==> flow/design.v <==
module my_switch #(
    parameter NBITS = 8
) (
    input  sys_clk,
    input  [NBITS-1:0] d0,
    input  [NBITS-1:0] d1,
    input  [NBITS-1:0] d2,
    input  [NBITS-1:0] d3,
    input  [NBITS-1:0] d4,
    input  [NBITS-1:0] d5,
    input  [NBITS-1:0] d6,
    input  [NBITS-1:0] d7,
    input  [2:0] sel,
    output [NBITS-1:0] z_o
);
    wire [NBITS-1:0] r;
    assign r =
        (sel == 3'd0) ? d0 :
        (sel == 3'd1) ? d1 :
        (sel == 3'd2) ? d2 :
        (sel == 3'd3) ? d3 :
        (sel == 3'd4) ? d4 :
        (sel == 3'd5) ? d5 :
        (sel == 3'd6) ? d6 :
        d7;
    reg [NBITS-1:0] r_z_o;
    always @(posedge sys_clk)
        r_z_o <= r;
    assign z_o = r_z_o;
endmodule
Ticket comment

From RTL to reports: my_switch
Module my_switch in several versions that differ in "inputs"; each step lists the members.
The RTL above is that of inputs = 8; lines are counted from 1 in the file of the member named.
Operators: Yosys type, input widths -> output width; for muxes data width and select width s.
Cell names lack the library's common part.
The mark n/a stands for no value.

set-up
  design top = my_switch
  clock = sys_clk
  standard-cell library = sky130hd
  timing corner = tt_025C_1v80

Members of the sweep
Lines of each other member's file that are new or changed against the file above; lines that a member lacks are not shown.

lines new or changed
  inputs  RTL line  text
  10      13        input [NBITS-1:0] d8,
  10      14        input [NBITS-1:0] d9,
  10      15        input [3:0] sel,
  10      20        (sel == 4'd0) ? d0 :
  10      21        (sel == 4'd1) ? d1 :
  10      22        (sel == 4'd2) ? d2 :
  10      23        (sel == 4'd3) ? d3 :
  10      24        (sel == 4'd4) ? d4 :
  10      25        (sel == 4'd5) ? d5 :
  10      26        (sel == 4'd6) ? d6 :
  10      27        (sel == 4'd7) ? d7 :
  10      28        (sel == 4'd8) ? d8 :
  10      29        d9;
  12      13        input [NBITS-1:0] d8,
  12      14        input [NBITS-1:0] d9,
  12      15        input [NBITS-1:0] d10,
  12      16        input [NBITS-1:0] d11,
  12      17        input [3:0] sel,
  12      22        (sel == 4'd0) ? d0 :
  12      23        (sel == 4'd1) ? d1 :
  12      24        (sel == 4'd2) ? d2 :
  12      25        (sel == 4'd3) ? d3 :
  12      26        (sel == 4'd4) ? d4 :
  12      27        (sel == 4'd5) ? d5 :
  12      28        (sel == 4'd6) ? d6 :
  12      29        (sel == 4'd7) ? d7 :
  12      30        (sel == 4'd8) ? d8 :
  12      31        (sel == 4'd9) ? d9 :
  12      32        (sel == 4'd10) ? d10 :
  12      33        d11;
  16      13        input [NBITS-1:0] d8,
  16      14        input [NBITS-1:0] d9,
  16      15        input [NBITS-1:0] d10,
  16      16        input [NBITS-1:0] d11,
  16      17        input [NBITS-1:0] d12,
  16      18        input [NBITS-1:0] d13,
  16      19        input [NBITS-1:0] d14,
  16      20        input [NBITS-1:0] d15,
  16      21        input [3:0] sel,
  16      26        (sel == 4'd0) ? d0 :
  16      27        (sel == 4'd1) ? d1 :
  16      28        (sel == 4'd2) ? d2 :
  16      29        (sel == 4'd3) ? d3 :
  16      30        (sel == 4'd4) ? d4 :
  16      31        (sel == 4'd5) ? d5 :
  16      32        (sel == 4'd6) ? d6 :
  16      33        (sel == 4'd7) ? d7 :
  16      34        (sel == 4'd8) ? d8 :
  16      35        (sel == 4'd9) ? d9 :
  16      36        (sel == 4'd10) ? d10 :
  16      37        (sel == 4'd11) ? d11 :
  16      38        (sel == 4'd12) ? d12 :
  16      39        (sel == 4'd13) ? d13 :
  16      40        (sel == 4'd14) ? d14 :
  16      41        d15;

Elaborated design
Yosys after proc, flatten, opt, wreduce and memory -nomap, before mapping. Enables and synchronous resets that opt folds into registers are not counted as muxes. Memory bits, and registers merged into a memory's read port (data or address), are not among the register bits. Print and check cells are not counted. Equal cells are merged and count once.

operators by class
  inputs  equal/unequal tests  mux-type cells  reductions and logical operators
  8       6                    7               1
  10      8                    9               1
  12      10                   11              1
  16      14                   15              1

operator list
  inputs  kind and count
  8       $mux 8 (7); $eq 3x3->1 const B (3); $eq 3x2->1 const B (2); $eq 3x1->1 const B (1); $logic_not 3->1 (1)
  10      $mux 8 (9); $eq 4x3->1 const B (4); $eq 4x2->1 const B (2); $eq 4x1->1 const B (1); $eq 4x4->1 const B (1); $logic_not 4->1 (1)
  12      $mux 8 (11); $eq 4x3->1 const B (4); $eq 4x4->1 const B (3); $eq 4x2->1 const B (2); $eq 4x1->1 const B (1); $logic_not 4->1 (1)
  16      $mux 8 (15); $eq 4x4->1 const B (7); $eq 4x3->1 const B (4); $eq 4x2->1 const B (2); $eq 4x1->1 const B (1); $logic_not 4->1 (1)

word-level totals
  inputs  register bits  bits of input ports  output and inout bits  cells after elaboration
  8       8              68                   8                      15
  10      8              85                   8                      19
  12      8              101                  8                      23
  16      8              133                  8                      31

Longest topological paths
Depth = most cells in a row (Yosys ltp): at word level without a register or memory, in the mapped netlist without a sequential cell, where the memories' decode and read muxes count.

depth
  inputs  word-level depth  ABC_AREA  depth in mapped cells  gate-level depth less buffers
  8       8                 0         6                      3
  10      10                0         6                      4
  12      12                0         8                      5
  16      16                0         7                      5

Netlist
Source: synth_stat.txt of the flow (Yosys; design flattened, memories mapped). It holds for the ABC_AREA given above (unset counts as 0); a run with the other value may have another netlist.

synthesis totals
  inputs  standard cells after synthesis  mapped area (um^2)  sequential part of the area (um^2)  flip-flop cells  buffers
  8       90                              894.6               160.2                               8                10
  10      157                             1,297.5             160.2                               8                19
  12      188                             1,433.9             160.2                               8                16
  16      258                             1,863.0             160.2                               8                25

cells by type
  inputs  types with counts
  8       dfxtp_1 (8); mux4_1 (4); mux4_2 (4); mux2_2 (4); or4bb_1 (4); a221oi_1 (4); nor4b_1 (4); o221ai_1 (4); o32ai_1 (4); buf_6 (3); a21o_1 (4); inv_1 (7); o22ai_1 (4); mux2i_1 (2); nor2b_1 (3); nor2_1 (4); o21a_1 (2); a31oi_1 (2); [+19]
  10      dfxtp_1 (8); mux4_1 (4); mux2i_1 (9); o211ai_1 (12); mux4_2 (3); a222oi_1 (6); a21o_1 (7); a32oi_1 (6); nand3b_1 (6); nor3b_1 (6); a31oi_1 (7); a21oi_1 (8); buf_2 (8); o21ai_0 (8); buf_4 (5); nor2_1 (10); inv_1 (8); or2b_1 (4); [+32]
  12      dfxtp_1 (8); a21oi_1 (27); mux2i_1 (12); o21ai_0 (17); mux2_2 (7); mux4_2 (3); nor2_1 (16); buf_6 (4); nand2_1 (12); a22o_1 (5); buf_2 (8); a222oi_1 (3); a2111oi_4 (1); a221oi_1 (3); a311oi_1 (3); o221ai_1 (3); o22ai_1 (4); a211oi_1 (3); [+49]
  16      dfxtp_1 (8); mux4_2 (7); a21oi_1 (30); o22ai_1 (18); o21ai_0 (21); mux2i_1 (9); nor2b_1 (12); a22oi_1 (9); buf_6 (6); nand2_1 (18); nor2_1 (17); a211oi_1 (7); buf_4 (7); buf_2 (7); nand3_1 (7); mux2_2 (3); nand2b_1 (5); a2111oi_2 (2); [+65]

A list marked [+n] leaves out that many cells.

Timing after synthesis
Path of least setup slack by OpenSTA after synthesis, without wires, with an ideal clock, recovery checks aside; 20% of the period is set as input and as output delay. Where synthesis merged equal registers, the netlist keeps one of their names.

timing path post-synthesis
  inputs  kind                     start         end                clock period (ns)  slack (ns)  stages  path delay (ns)  synthesis period reached (ns)
  8       input port to flip-flop  input sel[0]  register r_z_o[0]  1.61               0.259       5       1.030            1.351
  10      input port to flip-flop  input sel[1]  register r_z_o[4]  1.73               0.275       6       1.109            1.455
  12      input port to flip-flop  input sel[1]  register r_z_o[1]  1.85               0.296       6       1.184            1.554
  16      input port to flip-flop  input sel[0]  register r_z_o[2]  1.8                0.284       7       1.155            1.516

"path delay" = arrival - input delay + setup time.
"stages" counts driving pins, that of a launching flip-flop among them; a cell with two outputs on the path counts twice.
"synthesis period reached" is the clock period less the worst setup slack; recovery checks do not enter. This is arithmetic on one report: input and output delays are still those of the set period (20% each).
Between the ends stands the longest chain of elaborated cells between them, by number of cells; it is not shown to be the way that was timed. Of several equally long chains one is given.
Each line given opens the expression or statement behind the cell; cells for indexed reads and writes are added by Yosys, which also makes memories of some case tables.

on the way, post-synthesis, inputs = 8
  length of the longest elaborated chain = 8

RTL lines, path post-synthesis, inputs = 8
  element          RTL line  text
  start, declared  13        input  [2:0] sel,
  $eq 3x3->1       24        (sel == 3'd6) ? d6 :
  $mux 8           24
  $mux 8           23        (sel == 3'd5) ? d5 :
  $mux 8           22        (sel == 3'd4) ? d4 :
  $mux 8           21        (sel == 3'd3) ? d3 :
  $mux 8           20        (sel == 3'd2) ? d2 :
  $mux 8           19        (sel == 3'd1) ? d1 :
  $mux 8           18        (sel == 3'd0) ? d0 :
  end, assigned    28        r_z_o <= r;
  end, declared    26        reg [NBITS-1:0] r_z_o;

on the way, post-synthesis, inputs = 16
  length of the longest elaborated chain = 16

RTL lines, path post-synthesis, inputs = 16
  element          RTL line  text
  start, declared  21        input  [3:0] sel,
  $eq 4x4->1       40        (sel == 4'd14) ? d14 :
  $mux 8           40
  $mux 8           39        (sel == 4'd13) ? d13 :
  $mux 8           38        (sel == 4'd12) ? d12 :
  $mux 8           37        (sel == 4'd11) ? d11 :
  $mux 8           36        (sel == 4'd10) ? d10 :
  $mux 8           35        (sel == 4'd9) ? d9 :
  [2 not listed]   n/a
  $mux 8           32        (sel == 4'd6) ? d6 :
  $mux 8           31        (sel == 4'd5) ? d5 :
  $mux 8           30        (sel == 4'd4) ? d4 :
  $mux 8           29        (sel == 4'd3) ? d3 :
  $mux 8           28        (sel == 4'd2) ? d2 :
  $mux 8           27        (sel == 4'd1) ? d1 :
  $mux 8           26        (sel == 4'd0) ? d0 :
  end, assigned    44        r_z_o <= r;
  end, declared    42        reg [NBITS-1:0] r_z_o;

Timing after layout
Path of least setup slack in the final report of the run of each member (OpenROAD, finished layout, wires in). Where an end is a register, its clock arrival counts in the times.

timing path post-layout
  inputs  kind                     start         end                clock period (ns)  slack (ns)  stages  arrival time (ns)  buffers on the path
  8       input port to flip-flop  input sel[2]  register r_z_o[2]  1.61               0.07        5       1.67               2
  10      input port to flip-flop  input sel[0]  register r_z_o[7]  1.73               0.16        7       1.72               3
  12      input port to flip-flop  input sel[3]  register r_z_o[6]  1.85               0.13        8       1.91               4
  16      input port to flip-flop  input d8[1]   register r_z_o[1]  1.8                0.19        6       1.73               1

Measured runs
Settings and results of one run of the flow (Yosys, OpenROAD) for each member follow. The constraints put input and output delay at 20% of the set period each and load the outputs with 0.01 pF.

flow settings
  CAP_MARGIN = 20
  CORE_MARGIN = 2
  CORE_UTILIZATION = 40
  SLEW_MARGIN = 20

settings by member
  inputs  period_ns
  8       1.61
  10      1.73
  12      1.85
  16      1.8

final reports
  inputs  mapped cell area after synthesis (um^2)  overall die area (um^2)  std-cell area (final layout) (um^2)  final utilization  setup slack of the critical path (ns)  sum of negative setup slack (ns)  worst hold slack in the final report (ns)  power consumption (uW)  period reached (ns)
  8       894.6                                    2,630.7                  1,737.9                              0.801              0.067                                  0.000                             0.707                                      822.3                   1.543
  10      1,297.5                                  3,715.5                  2,373.5                              0.771              0.156                                  0.000                             0.723                                      950                     1.574
  12      1,433.9                                  4,079.4                  2,766.4                              0.816              0.130                                  0.000                             0.670                                      1,004                   1.720
  16      1,863.0                                  5,219.3                  3,495.8                              0.792              0.187                                  0.000                             0.788                                      1,284                   1.613

"period reached": clock period set for the run, less the worst setup slack. It is reckoned from that one timing run; input and output delays stay at 20% of the period that was set.
"power consumption": no workload was simulated; the value follows from the tool's default switching activity.
